==> flow/design.v <==
module dp_add_unit_rtl #(
  parameter DATA_W = 32,
  parameter SLICE = 8
) (
  input  logic aclk,
  input  logic aresetn,
  input  logic enable,
  input  logic [DATA_W-1:0] rs1,
  input  logic [DATA_W-1:0] rs2,
  input  logic cin,
  output logic [DATA_W-1:0] q,
  output logic carry_out
);
  logic [DATA_W-1:0] rs1_s;
  logic [DATA_W-1:0] rs2_s;
  logic cin_s;
  always_ff @(posedge aclk) begin
    if (!aresetn) begin
      rs1_s <= 0;
      rs2_s <= 0;
      cin_s <= 1'b0;
    end else if (enable) begin
      rs1_s <= rs1;
      rs2_s <= rs2;
      cin_s <= cin;
    end
  end
  localparam GROUPS = DATA_W / SLICE;
  logic [DATA_W-1:0] t;
  logic [GROUPS:0] cy;
  assign cy[0] = cin_s;
  generate
    for (genvar k = 0; k < GROUPS; k++) begin : g_bit
      wire [SLICE:0] s0 = rs1_s[k*SLICE +: SLICE] + rs2_s[k*SLICE +: SLICE];
      wire [SLICE:0] s1 = rs1_s[k*SLICE +: SLICE] + rs2_s[k*SLICE +: SLICE] + 1'b1;
      assign {cy[k+1], t[k*SLICE +: SLICE]} = cy[k] ? s1 : s0;
    end
  endgenerate
  always_ff @(posedge aclk) begin
    if (!aresetn) begin
      q <= 0;
      carry_out <= 1'b0;
    end else if (enable) begin
      q <= t;
      carry_out <= cy[GROUPS];
    end
  end
endmodule
# From RTL to reports: dp_add_unit_rtl

Tool output for the design above, in the order of the flow.
Lines are those of the file above, counted from 1.
Cell names lack the library's common part.
Not given: n/a

Design top: dp_add_unit_rtl
Clock port: aclk
Cell library: sky130hd
Timing corner: tt_025C_1v80

# Elaborated design

Yosys after proc, flatten, opt, wreduce and memory -nomap, before mapping. Enables and synchronous resets that opt folds into registers are not counted as muxes. Memory bits, and registers merged into a memory's read port (data or address), are not among the register bits. Print and check cells are not counted. Equal cells are merged and count once.

Register bits after elaboration: 98
Input port bits: 68
Output and inout bits: 33
Elaborated cells: 17

Add/subtract/negate cells: 8
Muxes and demuxes: 4

Operators with widths:

| cell                                         | count |
| adder 8 x 8 -> 9 bit                         | 4 |
| adder 9 x 1 -> 9 bit (second input constant) | 4 |
| 2-to-1 mux 9 bit                             | 4 |

# Longest topological paths

Longest topological path by Yosys (ltp), each cell counted once; first at word level (registers and memories cut), then after technology mapping (sequential cells cut; the memories' decode and read muxes count).

Depth in word-level cells: 6
ABC_AREA: 0
Mapped depth: 13
Gate-level depth less buffers: 13

# Synthesis result

Yosys stat after the flow's synthesis: flattened, memories mapped to cells. It holds for the ABC_AREA given above (unset counts as 0); a run with the other value may have another netlist.

Cells in the netlist: 603
Cell area after synthesis: 5,422.7 µm²
Sequential area: 1,961.9 µm²
Flip-flops: 98
Buffer cells: 27

Cells by type:

| cell type | count | area in all (µm²) |
| dfxtp_1   | 98    | 1.96E+03 |
| mux2i_1   | 75    | 750.72 |
| ha_1      | 36    | 450.432 |
| nor2_1    | 108   | 405.389 |
| xnor2_1   | 30    | 262.752 |
| xor2_1    | 17    | 148.893 |
| a211oi_1  | 19    | 142.637 |
| o21ai_0   | 27    | 135.13 |
| a21oi_1   | 26    | 130.125 |
| fa_1      | 4     | 80.077 |
| nand2_1   | 21    | 78.826 |
| clkbuf_1  | 20    | 75.072 |
| nand4_1   | 10    | 62.56 |
| a21o_1    | 8     | 60.058 |
| inv_1     | 16    | 60.058 |
| nand3_1   | 12    | 60.058 |
| o21bai_1  | 5     | 37.536 |
| a31oi_1   | 5     | 31.28 |

Not listed: further types 31, cells in them 66.

# Worst setup path after synthesis

Path of least setup slack by OpenSTA after synthesis, without wires, with an ideal clock, recovery checks aside; 20% of the period is set as input and as output delay. Where synthesis merged equal registers, the netlist keeps one of their names.

Path kind: register -> register
Start: reg rs1_s[0]
End: reg q[28]
Clock period: 4,220 ps
Library setup time: 74 ps
Time at the first pin: 0 ps
Data arrival time: 3,304 ps
Required time: 4,146 ps
Setup slack: 842 ps
Delay of the path: 3,378 ps
Stages on the path: 13
Path buffers: 0
Synthesis period reached: 3,378 ps

"delay of the path" is the arrival time less input delay plus setup time.
"stages on the path": output pins that drive a net of the path, with the launching flip-flop's if there is one; two outputs of one cell count as two.
"synthesis period reached" is the clock period less the worst setup slack; recovery checks do not enter. This is arithmetic on one report: input and output delays are still those of the set period (20% each).
Between the ends stands the longest chain of elaborated cells between them, by number of cells; it is not shown to be the way that was timed. Of several equally long chains one is given.
Each line given opens the expression or statement behind the cell; cells for indexed reads and writes are added by Yosys, which also makes memories of some case tables.

Cells stage by stage: dfxtp_1 -> ha_1 -> fa_1 -> a21o_1 -> a221oi_2 -> xnor2_1 -> and2_1 -> a41oi_2 -> a21oi_2 -> mux2i_4 -> xnor2_2 -> or4_1 -> a31oi_1
Cells in the longest elaborated chain: 6
Elaborated cells on any way between the ends: 6
Those cells by class: 2 x add/sub; 4 x mux

RTL lines, path post-synthesis:

| item                          | RTL line | RTL |
| start: declaration            | 14       | `logic [DATA_W-1:0] rs1_s;` |
| start: assignment             | 19       | `rs1_s <= 0;` |
| start: assignment             | 23       | `rs1_s <= rs1;` |
| adder 8 x 8 -> 9 bit          | 35       | `wire [SLICE:0] s1 = rs1_s[k*SLICE +: SLICE] + rs2_s[k*SLICE +: SLICE] + 1'b1;` |
| adder 9 x 1 -> 9 bit          | 35       |  |
| 2-to-1 mux 9 bit (4 in a row) | 36       | `assign {cy[k+1], t[k*SLICE +: SLICE]} = cy[k] ? s1 : s0;` |
| end: assignment               | 41       | `q <= 0;` |
| end: assignment               | 44       | `q <= t;` |
| end: declaration              | 11       | `output logic [DATA_W-1:0] q,` |

# Timing after layout

Path of least setup slack in the final report of flow run 1 (OpenROAD, finished layout, wires in). Where an end is a register, its clock arrival counts in the times.
The report prints the path's times to 10 ps; the period is as set.

Path kind: register -> register
Start: reg rs2_s[0]
End: reg q[28]
Clock period: 2,880 ps
Library setup time: 70 ps
Time at the first pin: 360 ps
Data arrival time: 3,550 ps
Required time: 3,170 ps
Setup slack: -380 ps
Stages on the path: 13
Path buffers: 0

Between the ends stands the longest chain of elaborated cells between them, by number of cells; it is not shown to be the way that was timed. Of several equally long chains one is given.

Cells stage by stage: dfxtp_2 -> ha_4 -> fa_2 -> a21o_1 -> a221oi_2 -> xnor2_1 -> and2_1 -> a41oi_2 -> a21oi_2 -> mux2i_4 -> xnor2_4 -> or4_1 -> a31oi_1
Cells in the longest elaborated chain: 6
Elaborated cells on any way between the ends: 6
Those cells by class: 2 x add/sub; 4 x mux

RTL lines, path after layout:

| item                          | RTL line | RTL |
| start: declaration            | 15       | `logic [DATA_W-1:0] rs2_s;` |
| start: assignment             | 20       | `rs2_s <= 0;` |
| start: assignment             | 24       | `rs2_s <= rs2;` |
| adder 8 x 8 -> 9 bit          | 35       | `wire [SLICE:0] s1 = rs1_s[k*SLICE +: SLICE] + rs2_s[k*SLICE +: SLICE] + 1'b1;` |
| adder 9 x 1 -> 9 bit          | 35       |  |
| 2-to-1 mux 9 bit (4 in a row) | 36       | `assign {cy[k+1], t[k*SLICE +: SLICE]} = cy[k] ? s1 : s0;` |
| end: assignment               | 41       | `q <= 0;` |
| end: assignment               | 44       | `q <= t;` |
| end: declaration              | 11       | `output logic [DATA_W-1:0] q,` |

FLOW RESULTS
============

Design dp_add_unit_rtl on sky130hd. What follows are 3 stored runs of the flow, each under its own settings; their order means nothing. The constraints put input and output delay at 20% of the set period each and load the outputs with 0.01 pF.
"clock period reached" = clock period - worst setup slack. The figure is calculated, with input and output delays left at 20% of the set period.
By "critical path time" is meant the share of the clock period that the worst setup path is allowed (20% is reserved at inputs, 20% at outputs), minus its slack. Clock arrival times at its registers enter into it.
"power consumption" is the tool's figure for a default switching activity; nothing was simulated.
"critical path time" is given in steps of 10 ps.

## Flow run 1

==> flow/run.sh <==
#!/bin/bash
# the make line also repeats the synthesis and layout settings of config.mk as NAME=value (left out here)
make -C /OpenROAD-flow-scripts/flow DESIGN_CONFIG=/design/flow/config.mk WORK_HOME=/design/flow/orfs CLKGATE_MAP_FILE= finish
==> flow/config.mk <==
export PLATFORM = sky130hd
export DESIGN_NAME = dp_add_unit_rtl
export DESIGN_NICKNAME = dp_add_unit_rtl
export VERILOG_FILES = /design/flow/design.v
export SDC_FILE = /design/flow/constraint.sdc
export NUM_CORES = 4
export LEC_CHECK = 0
export CAP_MARGIN = 20
export CELL_PAD_IN_SITES_DETAIL_PLACEMENT = 0
export CORE_MARGIN = 2
export CORE_UTILIZATION = 53
export CTS_CLUSTER_SIZE = 16
export GPL_ROUTABILITY_DRIVEN = 0
export MAX_ROUTING_LAYER = met4
export PLACE_DENSITY_LB_ADDON = 0.06
export SETUP_SLACK_MARGIN = -0.03
export SLEW_MARGIN = 20
export TNS_END_PERCENT = 95
==> flow/constraint.sdc <==
create_clock -name core_clock -period 2.88 [get_ports {aclk}]
set_input_delay 0.5760 -clock core_clock [delete_from_list [all_inputs] [get_ports {aclk}]]
set_output_delay 0.5760 -clock core_clock [all_outputs]
set_load 0.01 [all_outputs]

| result of flow run 1 | value |
|---|---|
| netlist area reported by Yosys | 5,422.7 µm² |
| die area | 11,056.5 µm² |
| standard-cell area of the final layout | 7,364.6 µm² |
| utilization in the final report | 0.747 |
| worst setup slack after layout | -375 ps |
| summed negative setup slack | -3,957 ps |
| worst hold slack | 491 ps |
| power consumption | 3.211 mW |
| clock period reached | 3,255 ps |
| critical path time | 3,260 ps |
| worst setup path kind | register -> register |

## Flow run 2

==> flow/run.sh <==
#!/bin/bash
# the make line also repeats the synthesis and layout settings of config.mk as NAME=value (left out here)
make -C /OpenROAD-flow-scripts/flow DESIGN_CONFIG=/design/flow/config.mk WORK_HOME=/design/flow/orfs CLKGATE_MAP_FILE= finish
==> flow/config.mk <==
export PLATFORM = sky130hd
export DESIGN_NAME = dp_add_unit_rtl
export DESIGN_NICKNAME = dp_add_unit_rtl
export VERILOG_FILES = /design/flow/design.v
export SDC_FILE = /design/flow/constraint.sdc
export NUM_CORES = 4
export LEC_CHECK = 0
export ABC_AREA = 0
export CAP_MARGIN = 10
export CORE_MARGIN = 2
export CORE_UTILIZATION = 68
export GPL_ROUTABILITY_DRIVEN = 0
export HOLD_SLACK_MARGIN = 0.04
export MIN_ROUTING_LAYER = met1
export PLACE_DENSITY = 0.39
export SETUP_SLACK_MARGIN = 0.77
export SLEW_MARGIN = 20
==> flow/constraint.sdc <==
create_clock -name core_clock -period 3.22 [get_ports {aclk}]
set_input_delay 0.6440 -clock core_clock [delete_from_list [all_inputs] [get_ports {aclk}]]
set_output_delay 0.6440 -clock core_clock [all_outputs]
set_load 0.01 [all_outputs]

| result of flow run 2 | value |
|---|---|
| netlist area reported by Yosys | 5,422.7 µm² |
| die area | 8,704.9 µm² |
| standard-cell area of the final layout | 7,290.7 µm² |
| utilization in the final report | 0.943 |
| worst setup slack after layout | -278 ps |
| summed negative setup slack | -3,185 ps |
| worst hold slack | 503 ps |
| power consumption | 3.127 mW |
| clock period reached | 3,498 ps |
| critical path time | 3,500 ps |
| worst setup path kind | register -> register |

## Flow run 3

==> flow/run.sh <==
#!/bin/bash
# the make line also repeats the synthesis and layout settings of config.mk as NAME=value (left out here)
make -C /OpenROAD-flow-scripts/flow DESIGN_CONFIG=/design/flow/config.mk WORK_HOME=/design/flow/orfs CLKGATE_MAP_FILE= finish
==> flow/config.mk <==
export PLATFORM = sky130hd
export DESIGN_NAME = dp_add_unit_rtl
export DESIGN_NICKNAME = dp_add_unit_rtl
export VERILOG_FILES = /design/flow/design.v
export SDC_FILE = /design/flow/constraint.sdc
export NUM_CORES = 4
export LEC_CHECK = 0
export CAP_MARGIN = 20
export CORE_MARGIN = 2
export CORE_UTILIZATION = 40
export SLEW_MARGIN = 20
==> flow/constraint.sdc <==
create_clock -name core_clock -period 4.22 [get_ports {aclk}]
set_input_delay 0.8440 -clock core_clock [delete_from_list [all_inputs] [get_ports {aclk}]]
set_output_delay 0.8440 -clock core_clock [all_outputs]
set_load 0.01 [all_outputs]

| result of flow run 3 | value |
|---|---|
| netlist area reported by Yosys | 5,422.7 µm² |
| die area | 14,504.6 µm² |
| standard-cell area of the final layout | 6,887.9 µm² |
| utilization in the final report | 0.52 |
| worst setup slack after layout | 517 ps |
| summed negative setup slack | 0 ps |
| worst hold slack | 489 ps |
| power consumption | 2.333 mW |
| clock period reached | 3,703 ps |
| critical path time | 3,700 ps |
| worst setup path kind | register -> register |
